==> flow/design.v <==
module mux_stage (clk_i, aresetn, adv, d_0_in, d_1_in, d_2_in, select_in, o_out);
  parameter BITS = 32;
  input clk_i;
  input aresetn;
  input adv;
  input [BITS-1:0] d_0_in;
  input [BITS-1:0] d_1_in;
  input [BITS-1:0] d_2_in;
  input [1:0] select_in;
  output reg [BITS-1:0] o_out;
  reg [BITS-1:0] work;
  always @* begin
    if (select_in == 0) work = d_0_in;
    else if (select_in == 1) work = d_1_in;
    else work = d_2_in;
  end
  always @(posedge clk_i or negedge aresetn) begin
    if (~aresetn) begin
      o_out <= 0;
    end else if (adv) begin
      o_out <= work;
    end
  end
endmodule
; Step by step through the tools: mux_stage
; A sweep over "inputs": the same steps for each member of the family.
; The file above is the member inputs=3. Line numbers count from 1 in each member's own file.
; A cell with - has no value.
[setup]
top = mux_stage
clock_port = clk_i
cell_library = sky130hd
corner = tt_025C_1v80

; Source of the members
; Lines of each other member's file that are new or changed against the file above; lines that a member lacks are not shown.
[src_changes]
columns = inputs, line_no
row1 = 7, 1  ; module mux_stage (clk_i, aresetn, adv, d_0_in, d_1_in, d_2_in, d_3_in, d_4_in, d_5_in, d_6_in, select_in, o_out);
row2 = 7, 9  ; input [BITS-1:0] d_3_in;
row3 = 7, 10  ; input [BITS-1:0] d_4_in;
row4 = 7, 11  ; input [BITS-1:0] d_5_in;
row5 = 7, 12  ; input [BITS-1:0] d_6_in;
row6 = 7, 13  ; input [2:0] select_in;
row7 = 7, 19  ; else if (select_in == 2) work = d_2_in;
row8 = 7, 20  ; else if (select_in == 3) work = d_3_in;
row9 = 7, 21  ; else if (select_in == 4) work = d_4_in;
row10 = 7, 22  ; else if (select_in == 5) work = d_5_in;
row11 = 7, 23  ; else work = d_6_in;
row12 = 10, 1  ; module mux_stage (clk_i, aresetn, adv, d_0_in, d_1_in, d_2_in, d_3_in, d_4_in, d_5_in, d_6_in, d_7_in, d_8_in, d_9_in, select_in, o_out);
row13 = 10, 9  ; input [BITS-1:0] d_3_in;
row14 = 10, 10  ; input [BITS-1:0] d_4_in;
row15 = 10, 11  ; input [BITS-1:0] d_5_in;
row16 = 10, 12  ; input [BITS-1:0] d_6_in;
row17 = 10, 13  ; input [BITS-1:0] d_7_in;
row18 = 10, 14  ; input [BITS-1:0] d_8_in;
row19 = 10, 15  ; input [BITS-1:0] d_9_in;
row20 = 10, 16  ; input [3:0] select_in;
row21 = 10, 22  ; else if (select_in == 2) work = d_2_in;
row22 = 10, 23  ; else if (select_in == 3) work = d_3_in;
row23 = 10, 24  ; else if (select_in == 4) work = d_4_in;
row24 = 10, 25  ; else if (select_in == 5) work = d_5_in;
row25 = 10, 26  ; else if (select_in == 6) work = d_6_in;
row26 = 10, 27  ; else if (select_in == 7) work = d_7_in;
row27 = 10, 28  ; else if (select_in == 8) work = d_8_in;
row28 = 10, 29  ; else work = d_9_in;

; After elaboration
; Source: Yosys, flattened and elaborated, memories not mapped. Widths are those after wreduce; folded enables and synchronous resets count as part of the registers. Registers that Yosys merges into a memory's read port (data or address) are not register bits. Print and check cells do not count. Equal cells are merged and count once.
[word_totals]
columns = inputs, register_bits, out_inout_bits, word_cells
row1 = 3, 32, 32, 5
row2 = 7, 32, 32, 13
row3 = 10, 32, 32, 19
[classes]
columns = inputs, eq_ne, mux, n_reduce_logical
row1 = 3, 1, 2, 1
row2 = 7, 5, 6, 1
row3 = 10, 8, 9, 1
[op_table]
columns = inputs, op_list
row1 = 3, 32-bit 2-to-1 mux (2); 2-bit by 1-bit == test with 1-bit output with constant B (1); 2-bit logical NOT (1)
row2 = 7, 32-bit 2-to-1 mux (6); 3-bit by 2-bit == test with 1-bit output with constant B (2); 3-bit == test with constant B (2); 3-bit by 1-bit == test with 1-bit output with constant B (1); 3-bit logical NOT (1)
row3 = 10, 32-bit 2-to-1 mux (9); 4-bit by 3-bit == test with 1-bit output with constant B (4); 4-bit by 2-bit == test with 1-bit output with constant B (2); 4-bit by 1-bit == test with 1-bit output with constant B (1); 4-bit == test with constant B (1); 4-bit logical NOT (1)

; Logic depth
; Yosys ltp: most cells in a row. Word level: on the elaborated netlist, between registers, memories and ports. Mapped: between sequential cells and ports; inverters and the memories' decode and read muxes count.
[depth]
columns = inputs, word_depth, ABC_AREA, ltp_mapped, mapped_depth_nobuf
row1 = 3, 3, 0, 4, 2
row2 = 7, 7, 0, 7, 4
row3 = 10, 10, 0, 9, 5

; After synthesis
; Source: synth_stat.txt of the flow (Yosys; design flattened, memories mapped). It holds for the ABC_AREA given above (unset counts as 0); a run with the other value may have another netlist.
[synth_totals]
columns = inputs, cells, yosys_area_mm2, seq_area_mm2, ff_cells
row1 = 3, 179, 0.0020595, 0.0008008, 32
row2 = 7, 401, 0.0037373, 0.0008008, 32
row3 = 10, 718, 0.00519, 0.0008008, 32
[by_type]
columns = inputs, type_list
row1 = 3, sky130_fd_sc_hd__dfrtp_1 (32); sky130_fd_sc_hd__o211ai_2 (30); sky130_fd_sc_hd__mux2i_1 (32); sky130_fd_sc_hd__nand2b_1 (32); sky130_fd_sc_hd__nand3_1 (32); sky130_fd_sc_hd__buf_6 (5); sky130_fd_sc_hd__buf_4 (7); sky130_fd_sc_hd__buf_8 (2); sky130_fd_sc_hd__buf_12 (1); sky130_fd_sc_hd__buf_2 (3); sky130_fd_sc_hd__o211ai_1 (2); sky130_fd_sc_hd__nand2b_4 (1)
row2 = 7, sky130_fd_sc_hd__dfrtp_1 (32); sky130_fd_sc_hd__o221a_1 (32); sky130_fd_sc_hd__nor3b_2 (28); sky130_fd_sc_hd__mux2i_1 (32); sky130_fd_sc_hd__a22oi_1 (32); sky130_fd_sc_hd__nand2b_1 (33); sky130_fd_sc_hd__o22ai_1 (29); sky130_fd_sc_hd__mux2_2 (15); sky130_fd_sc_hd__a21oi_1 (32); sky130_fd_sc_hd__mux2_4 (10); sky130_fd_sc_hd__o21ai_1 (29); sky130_fd_sc_hd__inv_1 (32); sky130_fd_sc_hd__buf_6 (7); sky130_fd_sc_hd__mux2_1 (7); sky130_fd_sc_hd__clkbuf_1 (17); sky130_fd_sc_hd__buf_12 (3); sky130_fd_sc_hd__buf_8 (4); sky130_fd_sc_hd__buf_2 (11); (+16)
row3 = 10, sky130_fd_sc_hd__dfrtp_1 (32); sky130_fd_sc_hd__a21oi_1 (78); sky130_fd_sc_hd__a22oi_1 (50); sky130_fd_sc_hd__o21ai_0 (62); sky130_fd_sc_hd__a22o_1 (26); sky130_fd_sc_hd__nor2_1 (60); sky130_fd_sc_hd__o22ai_1 (32); sky130_fd_sc_hd__nand2b_1 (31); sky130_fd_sc_hd__a31oi_1 (29); sky130_fd_sc_hd__mux2_2 (16); sky130_fd_sc_hd__buf_2 (34); sky130_fd_sc_hd__mux2i_1 (17); sky130_fd_sc_hd__o221ai_1 (16); sky130_fd_sc_hd__clkbuf_1 (35); sky130_fd_sc_hd__o31ai_1 (15); sky130_fd_sc_hd__nor4bb_1 (11); sky130_fd_sc_hd__a211oi_1 (14); sky130_fd_sc_hd__a21o_1 (13); (+147)
; The mark (+n) counts cells that are not listed.

; Worst setup path after synthesis
; OpenSTA on the mapped netlist: ideal clock, no wires. The path of least setup slack (recovery checks aside). Input and output delay are each 20% of the period. Register names are those of the netlist, which keeps one name where synthesis merged equal registers.
[synth_path]
columns = inputs, path_kind, start, end, clock_period_ns, path_slack_ns, driving_pins, path_delay_ns, period_less_setup_slack_ns
row1 = 3, in2reg, in select_in[0], reg o_out[17], 1.05, 0.171, 4, 0.669, 0.879
row2 = 7, in2reg, in select_in[1], reg o_out[10], 1.72, 0.272, 7, 1.104, 1.448
row3 = 10, in2reg, in select_in[1], reg o_out[13], 2.1, 0.335, 7, 1.345, 1.765
; "path_delay_ns" is the arrival time less input delay plus setup time.
; "driving_pins": output pins that drive a net of the path, with the launching flip-flop's if there is one; two outputs of one cell count as two.
; "period_less_setup_slack_ns" = period - worst setup slack (recovery checks aside). The figure is calculated, with input and output delays left at 20% of the set period.
; Between the ends stands the longest chain of elaborated cells between them, by number of cells; it is not shown to be the way that was timed. Of several equally long chains one is given.
; A line is the first line of the expression or statement that the cell stems from. Yosys adds cells for indexed reads and writes and turns some case tables into memories.
[synth_between_inputs_3]
elab_chain_cells = 3
[synth_rtl_inputs_3]
columns = item, line_no
row1 = start: declaration, 9  ; input [1:0] select_in;
row2 = 2-bit by 1-bit == test with 1-bit output, 14  ; else if (select_in == 1) work = d_1_in;
row3 = 32-bit 2-to-1 mux, 14
row4 = 32-bit 2-to-1 mux, 13  ; if (select_in == 0) work = d_0_in;
row5 = end: assignment, 19  ; o_out <= 0;
row6 = end: assignment, 21  ; o_out <= work;
row7 = end: declaration, 10  ; output reg [BITS-1:0] o_out;
[synth_between_inputs_10]
elab_chain_cells = 10
[synth_rtl_inputs_10]
columns = item, line_no
row1 = start: declaration, 16  ; input [3:0] select_in;
row2 = 4-bit == test, 28  ; else if (select_in == 8) work = d_8_in;
row3 = 32-bit 2-to-1 mux, 28
row4 = 32-bit 2-to-1 mux, 27  ; else if (select_in == 7) work = d_7_in;
row5 = 32-bit 2-to-1 mux, 26  ; else if (select_in == 6) work = d_6_in;
row6 = 32-bit 2-to-1 mux, 25  ; else if (select_in == 5) work = d_5_in;
row7 = 32-bit 2-to-1 mux, 24  ; else if (select_in == 4) work = d_4_in;
row8 = 32-bit 2-to-1 mux, 23  ; else if (select_in == 3) work = d_3_in;
row9 = 32-bit 2-to-1 mux, 22  ; else if (select_in == 2) work = d_2_in;
row10 = 32-bit 2-to-1 mux, 21  ; else if (select_in == 1) work = d_1_in;
row11 = 32-bit 2-to-1 mux, 20  ; if (select_in == 0) work = d_0_in;
row12 = end: assignment, 33  ; o_out <= 0;
row13 = end: assignment, 35  ; o_out <= work;
row14 = end: declaration, 17  ; output reg [BITS-1:0] o_out;

; Worst path after layout
; From the final timing report of each member's run: the path of least setup slack in the routed layout; clock arrival at registers is part of the times.
[layout_path]
columns = inputs, path_kind, start, end, clock_period_ns, path_slack_ns, driving_pins, arrival_time_ns
row1 = 3, reg2out, reg o_out[14], out o_out[14], 1.05, 0.01, 2, 0.83
row2 = 7, reg2out, reg o_out[22], out o_out[22], 1.72, 0.13, 2, 1.25
row3 = 10, in2reg, in select_in[2], reg o_out[6], 2.1, 0.06, 8, 2.19

; Layout results
; One run of the flow (Yosys, OpenROAD) for each member, with settings and measured results. Input and output delays are each 20% of the period that was set; the output load is 0.01 pF.
[flow_settings]
CAP_MARGIN = 20
CORE_MARGIN = 2
CORE_UTILIZATION = 40
SLEW_MARGIN = 20
[settings_diff]
columns = inputs, period_ns
row1 = 3, 1.05
row2 = 7, 1.72
row3 = 10, 2.1
[measured]
columns = inputs, yosys.chip_area_mm2, dieArea_mm2, finalCellArea_mm2, worstSetupSlack_ns, total_negative_slack_ns, final_power_w, achieved_period_ns
row1 = 3, 0.0020595, 0.0057388, 0.003621, 0.015, 0.000, 0.004097, 1.035
row2 = 7, 0.0037373, 0.0101324, 0.0065438, 0.129, 0.000, 0.003094, 1.591
row3 = 10, 0.00519, 0.0139016, 0.009399, 0.062, 0.000, 0.00363, 2.038
; "achieved_period_ns" is the run's clock period less its worst setup slack. It is reckoned from that one timing run; input and output delays stay at 20% of the period that was set.
; By "final_power_w" is meant OpenSTA's value without simulated activity: inputs other than the clock are taken to toggle once in ten clock periods, and the tool carries that through the logic.
